==> flow/design.v <==
module alu_mux_top #(
  parameter integer DW = 12,
  parameter integer N = 3,
  parameter integer SW = $clog2(N)
) (
  input  logic aclk,
  input  logic enable,
  input  logic [N*DW-1:0] ch_i,
  input  logic [SW-1:0] s_i,
  output logic [DW-1:0] z_o_o
);
  wire [DW-1:0] arr [0:N-1];
  generate
    for (genvar g = 0; g < N; g++) begin : gen
      assign arr[g] = ch_i[g*DW +: DW];
    end
  endgenerate
  always_ff @(posedge aclk) begin
    if (enable) begin
      z_o_o <= arr[s_i];
    end
  end
endmodule
-- Step by step through the tools: alu_mux_top
Tool output for the design above, in the order of the flow.
Lines are those of the file above, counted from 1.
Not given: -
- top module: alu_mux_top
- clock: aclk
- standard-cell library: sky130hd
- library corner: tt_025C_1v80

-- Word level
Counts by Yosys on the flattened word-level netlist (proc, flatten, opt, wreduce; memories kept). Register bits leave out memories and registers merged into their read ports (data or address). Print and check cells are left out. Cells with the same type and inputs are merged into one.
- noted register bits after elaboration: 12
- noted output and inout bits: 12
- noted word-level cells: 5
- eq/ne operators: 2
- noted multiplexer cells: 1
- reductions and logical operators at 1
- operator list (operator ; count):
    12-bit parallel mux with 3-bit select ; 1
    2-bit by 1-bit equality test with 1-bit output with constant B ; 1
    2-bit equality test with constant B ; 1
    2-bit logical NOT ; 1

-- Depth
Yosys ltp: most cells in a row. Word level: on the elaborated netlist, between registers, memories and ports. Mapped: between sequential cells and ports; inverters and the memories' decode and read muxes count.
- noted depth after elaboration: 2
- ABC_AREA at 0
- gate-level depth with buffers at 5
- depth with buffers taken out: 4

-- Synthesis result
Yosys stat after the flow's synthesis: flattened, memories mapped to cells. It holds for the ABC_AREA given above (unset counts as 0); a run with the other value may have another netlist.
- cells by type (type ; count ; area in all (µm²)):
    sky130_fd_sc_hd__edfxtp_1 ; 12 ; 360.346
    sky130_fd_sc_hd__a22oi_1 ; 12 ; 90.086
    sky130_fd_sc_hd__o21ai_1 ; 11 ; 55.053
    sky130_fd_sc_hd__nand2_1 ; 12 ; 45.043
    sky130_fd_sc_hd__buf_6 ; 3 ; 33.782
    sky130_fd_sc_hd__ha_1 ; 2 ; 25.024
    sky130_fd_sc_hd__buf_4 ; 1 ; 7.507
    sky130_fd_sc_hd__inv_1 ; 2 ; 7.507
    sky130_fd_sc_hd__o21ai_0 ; 1 ; 5.005
- cells in the netlist at 56
- noted synthesis area: 629.4 µm²
- flip-flop cells at 12
- noted buffer cells: 4

-- Path before layout
Path of least setup slack by OpenSTA after synthesis, without wires, with an ideal clock, recovery checks aside; 20% of the period is set as input and as output delay. Where synthesis merged equal registers, the netlist keeps one of their names.
- path type: input port to flip-flop
- start point: in s_i[0]
- end point: reg z_o_o[9]
- noted period: 1.4 ns
- external input delay at 0.280 ns
- launch time at the first pin: 0.280 ns
- noted arrival: 0.910 ns
- required time: 1.136 ns
- noted slack: 0.226 ns
- noted delay of the path: 0.894 ns
- noted stages on the path: 5
- path buffers: 1
- period reached after synthesis: 1.174 ns
"delay of the path" is the arrival time less input delay plus setup time.
"stages on the path": output pins that drive a net of the path, with the launching flip-flop's if there is one; two outputs of one cell count as two.
"period reached after synthesis" is the clock period less the worst setup slack; recovery checks do not enter. This is arithmetic on one report: input and output delays are still those of the set period (20% each).
The rows between start and end are the longest chain of elaborated cells between them; the timing report does not say that the signal goes this way. Where chains are equally long, one stands for them.
A line is the first line of the expression or statement that the cell stems from. Yosys adds cells for indexed reads and writes and turns some case tables into memories.
- path through: sky130_fd_sc_hd__inv_1 > sky130_fd_sc_hd__ha_1 > sky130_fd_sc_hd__buf_6 > sky130_fd_sc_hd__nand2_1 > sky130_fd_sc_hd__o21ai_0
- noted cells in the longest elaborated chain: 2
- elaborated cells between the ends (all ways): 4
- ends and longest elaborated chain, after synthesis (element ; line ; text):
    start: declaration ; 9 ; input  logic [SW-1:0] s_i,
    2-bit equality test ; 20 ; z_o_o <= arr[s_i];
    12-bit parallel mux with 3-bit select ; 20 ;
    end: assignment ; 20 ;
    end: declaration ; 10 ; output logic [DW-1:0] z_o_o

-- Timing after layout
From the final timing report of run B: the path of least setup slack in the routed layout; clock arrival at registers is part of the times.
- path type: input port to flip-flop
- start point: in s_i[1]
- end point: reg z_o_o[9]
- noted period: 1.4 ns
- external input delay at 0.28 ns
- launch time at the first pin: 0.28 ns
- noted arrival: 1.36 ns
- required time: 1.42 ns
- noted slack: 0.06 ns
- noted stages on the path: 5
- path buffers: 1
The rows between start and end are the longest chain of elaborated cells between them; the timing report does not say that the signal goes this way. Where chains are equally long, one stands for them.
- path through: sky130_fd_sc_hd__clkdlybuf4s50_1 > sky130_fd_sc_hd__inv_1 > sky130_fd_sc_hd__ha_4 > sky130_fd_sc_hd__a22oi_1 > sky130_fd_sc_hd__o21ai_0
- noted cells in the longest elaborated chain: 2
- elaborated cells between the ends (all ways): 4
- ends and longest elaborated chain, after layout (element ; line ; text):
    start: declaration ; 9 ; input  logic [SW-1:0] s_i,
    2-bit equality test ; 20 ; z_o_o <= arr[s_i];
    12-bit parallel mux with 3-bit select ; 20 ;
    end: assignment ; 20 ;
    end: declaration ; 10 ; output logic [DW-1:0] z_o_o

Subject: flow runs of alu_mux_top

Hi,

Below are 3 stored runs of the flow (Yosys, OpenROAD; platform sky130hd) on alu_mux_top, each with its settings and what was measured, unordered. Constraints: input delay and output delay 20% of the set period each, output load 0.01 pF.
"clock period achieved" = clock period - worst setup slack. The figure is calculated, with input and output delays left at 20% of the set period.
"critical setup path time" means the part of the period allowed to the worst setup path (the constraints hold back 20% at inputs and 20% at outputs) less its slack; where the path has registers, the arrival times of their clocks count too.
By "overall power" is meant OpenSTA's value without simulated activity: inputs other than the clock are taken to toggle once in ten clock periods, and the tool carries that through the logic.

Run A

==> flow/run.sh <==
#!/bin/bash
# the make line also repeats the synthesis and layout settings of config.mk as NAME=value (left out here)
make -C /OpenROAD-flow-scripts/flow DESIGN_CONFIG=/design/flow/config.mk WORK_HOME=/design/flow/orfs CLKGATE_MAP_FILE= finish
==> flow/config.mk <==
export PLATFORM = sky130hd
export DESIGN_NAME = alu_mux_top
export DESIGN_NICKNAME = alu_mux_top
export VERILOG_FILES = /design/flow/design.v
export SDC_FILE = /design/flow/constraint.sdc
export NUM_CORES = 4
export LEC_CHECK = 0
export CAP_MARGIN = 20
export CORE_ASPECT_RATIO = 0.6
export CORE_MARGIN = 9
export CORE_UTILIZATION = 42
export GPL_TIMING_DRIVEN = 1
export MIN_ROUTING_LAYER = met1
export PLACE_DENSITY_LB_ADDON = 0.18
export SETUP_SLACK_MARGIN = 0.47
export SLEW_MARGIN = 20
==> flow/constraint.sdc <==
create_clock -name core_clock -period 2.2 [get_ports {aclk}]
set_input_delay 0.4400 -clock core_clock [delete_from_list [all_inputs] [get_ports {aclk}]]
set_output_delay 0.4400 -clock core_clock [all_outputs]
set_load 0.01 [all_outputs]

Run A: not finished: floorplanning ended with error PDN-0185.

Run B

==> flow/run.sh <==
#!/bin/bash
# the make line also repeats the synthesis and layout settings of config.mk as NAME=value (left out here)
make -C /OpenROAD-flow-scripts/flow DESIGN_CONFIG=/design/flow/config.mk WORK_HOME=/design/flow/orfs CLKGATE_MAP_FILE= finish
==> flow/config.mk <==
export PLATFORM = sky130hd
export DESIGN_NAME = alu_mux_top
export DESIGN_NICKNAME = alu_mux_top
export VERILOG_FILES = /design/flow/design.v
export SDC_FILE = /design/flow/constraint.sdc
export NUM_CORES = 4
export LEC_CHECK = 0
export CAP_MARGIN = 20
export CORE_MARGIN = 2
export CORE_UTILIZATION = 40
export SLEW_MARGIN = 20
==> flow/constraint.sdc <==
create_clock -name core_clock -period 1.4 [get_ports {aclk}]
set_input_delay 0.2800 -clock core_clock [delete_from_list [all_inputs] [get_ports {aclk}]]
set_output_delay 0.2800 -clock core_clock [all_outputs]
set_load 0.01 [all_outputs]

Measured in run B:
- worst hold slack: 0.677 ns
- final design utilization: 80.0%
- noted the critical setup path time: 1.06 ns
- critical path kind: input port to flip-flop
- noted the clock period achieved: 1.344 ns
- worst setup slack after layout at 0.056 ns
- full die area at 1906.6 µm²
- mapped cell area after synthesis: 629.4 µm²
- standard-cell area after layout at 1191.1 µm²
- sum of negative setup slack: 0.000 ns
- overall power: 954.9 uW

Run C

==> flow/run.sh <==
#!/bin/bash
# the make line also repeats the synthesis and layout settings of config.mk as NAME=value (left out here)
make -C /OpenROAD-flow-scripts/flow DESIGN_CONFIG=/design/flow/config.mk WORK_HOME=/design/flow/orfs CLKGATE_MAP_FILE= finish
==> flow/config.mk <==
export PLATFORM = sky130hd
export DESIGN_NAME = alu_mux_top
export DESIGN_NICKNAME = alu_mux_top
export VERILOG_FILES = /design/flow/design.v
export SDC_FILE = /design/flow/constraint.sdc
export NUM_CORES = 4
export LEC_CHECK = 0
export ABC_AREA = 0
export CAP_MARGIN = 20
export CELL_PAD_IN_SITES_GLOBAL_PLACEMENT = 1
export CORE_MARGIN = 2
export CORE_UTILIZATION = 34
export GPL_TIMING_DRIVEN = 0
export SETUP_SLACK_MARGIN = -0.03
export SLEW_MARGIN = 20
==> flow/constraint.sdc <==
create_clock -name core_clock -period 0.742 [get_ports {aclk}]
set_input_delay 0.1484 -clock core_clock [delete_from_list [all_inputs] [get_ports {aclk}]]
set_output_delay 0.1484 -clock core_clock [all_outputs]
set_load 0.01 [all_outputs]

Measured in run C:
- sum of negative setup slack: -2.908 ns
- worst hold slack: 0.248 ns
- noted the clock period achieved: 0.940 ns
- standard-cell area after layout at 1408.8 µm²
- mapped cell area after synthesis: 629.4 µm²
- worst setup slack after layout at -0.198 ns
- noted the critical setup path time: 0.79 ns
- critical path kind: flip-flop to output port
- overall power: 2014 uW
- final design utilization: 81.6%
- full die area at 2211.3 µm²

Regards
